==> flow/design.v <==
module shft_p #(
    parameter integer XLEN = 96,
    parameter integer LG = $clog2(XLEN)
) (
    input wire ck,
    input wire aresetn,
    input wire [XLEN-1:0] in,
    input wire [LG-1:0] dist_in,
    output reg [XLEN-1:0] data_out
);
    reg [XLEN-1:0] nxt;
    integer n;
    always @(*) begin
        nxt = in;
        for (n = 0; n < LG; n = n + 1)
            if (dist_in[n]) nxt = nxt >> (1 << n);
    end
    always @(posedge ck) begin
        if (!aresetn) begin
            data_out <= 0;
        end else begin
            data_out <= nxt;
        end
    end
endmodule
# Tool chain data of shft_p
# Tool output for the design above, in the order of the flow.
# Line numbers count from 1 in the design file above.
# Cell names lack the library's common part.
# Not given: n/a
# setup
top,shft_p
clock,ck
cell_library,sky130hd
lib_corner,tt_025C_1v80

# Word level
# Yosys after proc, flatten, opt, wreduce and memory -nomap, before mapping. Enables and synchronous resets that opt folds into registers are not counted as muxes. Memory bits, and registers merged into a memory's read port (data or address), are not among the register bits. Print and check cells are not counted. Equal cells are merged and count once.
# classes
mux,7
n_logic,1
reduce_logical,1
# op_table
op,n
2-to-1 mux 96 bit,6
2-to-1 mux 32 bit,1
OR reduction 2 bit,1
inverter 1 bit,1
# bits
register_bits,96
input_bits,105
output_inout_bits,96
word_cells,11

# Logic depth
# Longest topological path by Yosys (ltp), each cell counted once; first at word level (registers and memories cut), then after technology mapping (sequential cells cut; the memories' decode and read muxes count).
# logic_depth
word_depth,7
ABC_AREA,0
depth_mapped,11
depth_no_buf,6

# Mapped cells and area
# The flow's flattened synthesis, as Yosys stat reports it; memories are mapped. The netlist is that of the ABC_AREA named above (0 if unset); the other value can give another one.
# by_type
type,n,area_total_um2
mux4_2,112,2.52E+03
dfxtp_1,96,1.92E+03
mux2i_1,91,910.874
mux2_2,80,900.864
nand2_1,116,435.418
nor2_1,107,401.635
a21oi_1,42,210.202
a211oi_1,20,150.144
clkbuf_1,40,150.144
o21ai_0,30,150.144
o22ai_1,22,137.632
buf_2,24,120.115
nor3_1,21,105.101
a221oi_1,10,87.584
o221ai_1,10,87.584
o211ai_1,10,75.072
buf_1,19,71.318
buf_6,6,67.565
# Other cell types: 51; their cells: 152.
# mapped
cell_count,1008
mapped_area_um2,9679.3
seqArea_um2,1921.8
flip_flops,96
n_buf,100

# Path before layout
# Path of least setup slack by OpenSTA after synthesis, without wires, with an ideal clock, recovery checks aside; 20% of the period is set as input and as output delay. Where synthesis merged equal registers, the netlist keeps one of their names.
# synth_timing
path_kind,input to register
from,input dist_in[0]
to,register data_out[20]
period_ps,3170
in_delay_ps,634
setup_time_ps,132
arrival_time_ps,2529
required_time_ps,3038
path_slack_ps,510
path_delay_ps,2027
driving_pins,8
period_less_setup_slack_ps,2660
# "path_delay_ps" is the arrival time less input delay plus setup time.
# "driving_pins": output pins that drive a net of the path, with the launching flip-flop's if there is one; two outputs of one cell count as two.
# "period_less_setup_slack_ps" is the clock period less the worst setup slack; recovery checks do not enter. This is arithmetic on one report: input and output delays are still those of the set period (20% each).
# The rows between start and end are the longest chain of elaborated cells between them; the timing report does not say that the signal goes this way. Where chains are equally long, one stands for them.
# A line is the first line of the expression or statement that the cell stems from. Yosys adds cells for indexed reads and writes and turns some case tables into memories.
# synth_via
cell_sequence,buf_6 buf_12 buf_8 mux4_2 mux2_2 mux4_2 a22oi_2 o31ai_1
elab_chain_cells,7
# synth_lines
element,line,source
"start, declared",8,"input wire [LG-1:0] dist_in,"
2-to-1 mux 96 bit x6,16,if (dist_in[n]) nxt = nxt >> (1 << n);
2-to-1 mux 32 bit,16,
"end, assigned",20,data_out <= 0;
"end, assigned",22,data_out <= nxt;
"end, declared",9,output reg [XLEN-1:0] data_out

# Worst path after layout
# Path of least setup slack in the final report of run A (OpenROAD, finished layout, wires in). Where an end is a register, its clock arrival counts in the times.
# The path's times are printed in steps of 10 ps; the period is the one set.
# layout_timing
path_kind,input to register
from,input dist_in[4]
to,register data_out[28]
period_ps,3690
in_delay_ps,740
setup_time_ps,160
arrival_time_ps,4230
required_time_ps,3890
path_slack_ps,-340
driving_pins,8
# The rows between start and end are the longest chain of elaborated cells between them; the timing report does not say that the signal goes this way. Where chains are equally long, one stands for them.
# layout_via
cell_sequence,clkdlybuf4s50_1 buf_2 buf_2 clkbuf_1 clkbuf_1 nor2_1 o21ai_0 o221ai_1
elab_chain_cells,3
# layout_lines
element,line,source
"start, declared",8,"input wire [LG-1:0] dist_in,"
2-to-1 mux 96 bit x2,16,if (dist_in[n]) nxt = nxt >> (1 << n);
2-to-1 mux 32 bit,16,
"end, assigned",20,data_out <= 0;
"end, assigned",22,data_out <= nxt;
"end, declared",9,output reg [XLEN-1:0] data_out

# Record of 3 stored runs of the RTL-to-layout flow on shft_p, platform sky130hd. The runs are unordered. Constraints: input delay and output delay 20% of the set period each, output load 0.01 pF.
# "timing.achieved_period_ps" = clock period - worst setup slack. The figure is calculated, with input and output delays left at 20% of the set period.
# "power_uw" rests on the timing tool's default activity at the inputs, not on a simulated workload.
# Among the settings, . means not set for that run.
stored run,period_ns,CORE_UTILIZATION,SETUP_SLACK_MARGIN,PLACE_DENSITY_LB_ADDON,CORE_ASPECT_RATIO,CORE_MARGIN,CELL_PAD_IN_SITES_DETAIL_PLACEMENT,GPL_TIMING_DRIVEN,CAP_MARGIN,SLEW_MARGIN,CELL_PAD_IN_SITES_GLOBAL_PLACEMENT,TNS_END_PERCENT,ABC_AREA,CTS_CLUSTER_SIZE,util_pct,final_die_area_um2,yosys.chip_area_um2,power_uw,holdWs_ps,setup_ws_ps,timing.achieved_period_ps
run A,3.69,18,-0.34,0.16,1.55,7,1,0,0,20,.,.,.,.,24.1,60618.7,9679.3,4012,961,-338,4028
run B,2.41,39,.,.,.,2,0,1,5,20,0,40,1,40,50.7,23870.2,8833.5,5502,743,317,2093
run C,3.17,40,.,.,.,2,.,.,20,20,.,.,.,.,55.2,25457.8,9679.3,4742,802,96,3074
